==> flow/design.v <==
module gen_mul_core_stage #(
  parameter int DATA_W = 4
) (
  input  logic i_clk,
  input  logic reset,
  input  logic [DATA_W-1:0] u_in,
  input  logic [DATA_W-1:0] v_in,
  output logic [DATA_W-1:0] p_out
);
  logic [DATA_W-1:0] u_ff;
  logic [DATA_W-1:0] v_ff;
  always_ff @(posedge i_clk or posedge reset) begin
    if (reset) begin
      u_ff <= '0;
      v_ff <= '0;
      p_out <= '0;
    end else begin
      u_ff <= u_in;
      v_ff <= v_in;
      p_out <= u_ff * v_ff;
    end
  end
endmodule
# --- From RTL to reports: gen_mul_core_stage ---
# Tool output for the members of one design family, told apart by "DATA_W", in the order of the flow.
# The RTL above is that of DATA_W=4; lines are counted from 1 in the file of the member named.
# Library cell names are shortened.
setup:
  top: "gen_mul_core_stage"
  clock_port: "i_clk"
  cell_library: "sky130hd"
  corner: "tt_025C_1v80"

# --- Members of the sweep ---
# New or changed lines of each further member against the RTL above, in its own file; lines it lacks are not shown.
changed_lines:
  columns: ["DATA_W", "line_no", "source"]
  rows:
  - [7, 2, "parameter int DATA_W = 7"]
  - [8, 2, "parameter int DATA_W = 8"]
  - [9, 2, "parameter int DATA_W = 9"]

# --- Word-level counts ---
# Yosys after proc, flatten, opt, wreduce and memory -nomap, before mapping. Enables and synchronous resets that opt folds into registers are not counted as muxes. Memory bits, and registers merged into a memory's read port (data or address), are not among the register bits. Print and check cells are not counted. Equal cells are merged and count once.
bits:
  columns: ["DATA_W", "regBits", "input_bits", "out_inout_bits", "wordCells"]
  rows:
  - [4, 12, 10, 4, 4]
  - [7, 21, 16, 7, 4]
  - [8, 24, 18, 8, 4]
  - [9, 27, 20, 9, 4]
classes:
  columns: ["DATA_W", "mul"]
  rows:
  - [4, 1]
  - [7, 1]
  - [8, 1]
  - [9, 1]
ops:
  columns: ["DATA_W", "operators"]
  rows:
  - [4, "4-bit by 4-bit multiplier with 4-bit output (1)"]
  - [7, "7-bit by 7-bit multiplier with 7-bit output (1)"]
  - [8, "8-bit by 8-bit multiplier with 8-bit output (1)"]
  - [9, "9-bit by 9-bit multiplier with 9-bit output (1)"]

# --- Depth ---
# Depth = most cells in a row (Yosys ltp): at word level without a register or memory, in the mapped netlist without a sequential cell, where the memories' decode and read muxes count.
depth:
  columns: ["DATA_W", "ltp_word", "abc_area", "mapped_depth", "depth_no_buf"]
  rows:
  - [4, 1, 0, 7, 7]
  - [7, 1, 0, 12, 12]
  - [8, 1, 0, 14, 14]
  - [9, 1, 0, 14, 14]

# --- Mapped cells and area ---
# Yosys stat after the flow's synthesis: flattened, memories mapped to cells. It holds for the ABC_AREA given above (unset counts as 0); a run with the other value may have another netlist.
mapped:
  columns: ["DATA_W", "cell_count", "synth_area_um2", "sequential_area_um2", "flip_flops", "buf_cells"]
  rows:
  - [4, 32, 478.0, 300.3, 12, 0]
  - [7, 101, 1189.9, 525.5, 21, 0]
  - [8, 127, 1490.2, 600.6, 24, 0]
  - [9, 155, 1761.7, 675.6, 27, 1]
types:
  columns: ["DATA_W", "type_list"]
  rows:
  - [4, "dfrtp_1 (12); ha_1 (4); and2_2 (3); xnor3_1 (1); and2_1 (3); xnor2_1 (2); xnor2_2 (1); nand2_1 (3); xor2_1 (1); nand2_2 (1); inv_1 (1)"]
  - [7, "dfrtp_1 (21); ha_1 (13); fa_1 (7); xnor2_1 (10); and2_1 (9); inv_1 (14); nand2_1 (11); and2_2 (5); xor2_1 (3); nand2_2 (3); xnor2_2 (1); a21o_1 (2); a21oi_1 (2)"]
  - [8, "dfrtp_1 (24); fa_1 (12); ha_1 (16); and2_1 (14); inv_1 (21); xnor2_1 (9); nand2_1 (17); xnor3_1 (2); and2_2 (4); xor2_1 (2); xnor2_2 (1); a21o_1 (2); a21oi_1 (2); nand2_2 (1)"]
  - [9, "dfrtp_1 (27); fa_1 (18); ha_1 (17); nand2_1 (30); inv_1 (28); and2_1 (15); xnor2_1 (8); xnor3_1 (3); xor2_1 (4); a21o_1 (2); a21oi_1 (2); clkbuf_1 (1)"]

# --- Timing after synthesis ---
# OpenSTA on the mapped netlist: ideal clock, no wires. The path of least setup slack (recovery checks aside). Input and output delay are each 20% of the period. Register names are those of the netlist, which keeps one name where synthesis merged equal registers.
synth_timing:
  columns: ["DATA_W", "kind", "from", "to", "clock_period_ps", "setup_slack_ps", "driving_pins", "delay_ps", "synth_period_reached_ps"]
  rows:
  - [4, "reg2reg", "register u_ff[0]", "register p_out[3]", 2440, 484, 8, 1956, 1956]
  - [7, "reg2reg", "register u_ff[2]", "register p_out[6]", 3970, 794, 13, 3176, 3176]
  - [8, "reg2reg", "register u_ff[1]", "register p_out[7]", 4500, 900, 12, 3600, 3600]
  - [9, "reg2reg", "register v_ff[0]", "register p_out[8]", 5110, 1020, 15, 4090, 4090]
# "delay_ps" = arrival - input delay + setup time.
# "driving_pins" counts driving pins, that of a launching flip-flop among them; a cell with two outputs on the path counts twice.
# "synth_period_reached_ps" is the clock period less the worst setup slack; recovery checks do not enter. This is arithmetic on one report: input and output delays are still those of the set period (20% each).
# Between the ends stands the longest chain of elaborated cells between them, by number of cells; it is not shown to be the way that was timed. Of several equally long chains one is given.
# A line is the first line of the expression or statement that the cell stems from. Yosys adds cells for indexed reads and writes and turns some case tables into memories.
synth_via_DATA_W_4:
  elab_chain_cells: 1
synth_lines_DATA_W_4:
  columns: ["element", "line_no", "source"]
  rows:
  - ["start: declaration", 10, "logic [DATA_W-1:0] u_ff;"]
  - ["start: assignment", 14, "u_ff <= '0;"]
  - ["start: assignment", 18, "u_ff <= u_in;"]
  - ["4-bit by 4-bit multiplier with 4-bit output", 20, "p_out <= u_ff * v_ff;"]
  - ["end: assignment", 16, "p_out <= '0;"]
  - ["end: assignment", 20, null]
  - ["end: declaration", 8, "output logic [DATA_W-1:0] p_out"]
synth_via_DATA_W_9:
  elab_chain_cells: 1
synth_lines_DATA_W_9:
  columns: ["element", "line_no", "source"]
  rows:
  - ["start: declaration", 11, "logic [DATA_W-1:0] v_ff;"]
  - ["start: assignment", 15, "v_ff <= '0;"]
  - ["start: assignment", 19, "v_ff <= v_in;"]
  - ["9-bit by 9-bit multiplier with 9-bit output", 20, "p_out <= u_ff * v_ff;"]
  - ["end: assignment", 16, "p_out <= '0;"]
  - ["end: assignment", 20, null]
  - ["end: declaration", 8, "output logic [DATA_W-1:0] p_out"]

# --- Path in the finished layout ---
# From the final timing report of the run of each member: the path of least setup slack in the routed layout; clock arrival at registers is part of the times.
# The report prints the path's times to 10 ps; the period is as set.
layout_timing:
  columns: ["DATA_W", "kind", "from", "to", "clock_period_ps", "setup_slack_ps", "driving_pins", "arrival_ps", "path_buffers"]
  rows:
  - [4, "reg2reg", "register u_ff[0]", "register p_out[3]", 2440, 340, 8, 2230, 0]
  - [7, "reg2reg", "register u_ff[2]", "register p_out[6]", 3970, 600, 13, 3610, 0]
  - [8, "reg2reg", "register u_ff[1]", "register p_out[7]", 4500, 720, 12, 3930, 0]
  - [9, "reg2reg", "register v_ff[1]", "register p_out[8]", 5110, 870, 14, 4400, 0]

# --- Measured runs ---
# Settings and results of one run of the flow (Yosys, OpenROAD) for each member follow. The constraints put input and output delay at 20% of the set period each and load the outputs with 0.01 pF.
settings:
  CAP_MARGIN: 20
  CORE_MARGIN: 2
  CORE_UTILIZATION: 40
  SLEW_MARGIN: 20
settings_diff:
  columns: ["DATA_W", "period_ns"]
  rows:
  - [4, 2.44]
  - [7, 3.97]
  - [8, 4.5]
  - [9, 5.11]
measured:
  columns: ["DATA_W", "post_synth_area_um2", "design_die_area_um2", "post_route_stdcell_area_um2", "post_route_util_frac", "timing.setup.ws_ps", "tns_setup_ps", "totalPower_w", "timing.achieved_period_ps"]
  rows:
  - [4, 478.0, 1487.3, 648.1, 0.583, 341, 0, 0.0004047, 2099]
  - [7, 1189.9, 3426.9, 1476.4, 0.531, 597, 0, 0.0005614, 3373]
  - [8, 1490.2, 4229.6, 1871.8, 0.515, 716, 0, 0.0007029, 3784]
  - [9, 1761.7, 4951.2, 2153.3, 0.501, 866, 0, 0.00071, 4244]
# "timing.achieved_period_ps" = clock period - worst setup slack. The figure is calculated, with input and output delays left at 20% of the set period.
# "totalPower_w" rests on the timing tool's default activity at the inputs, not on a simulated workload.
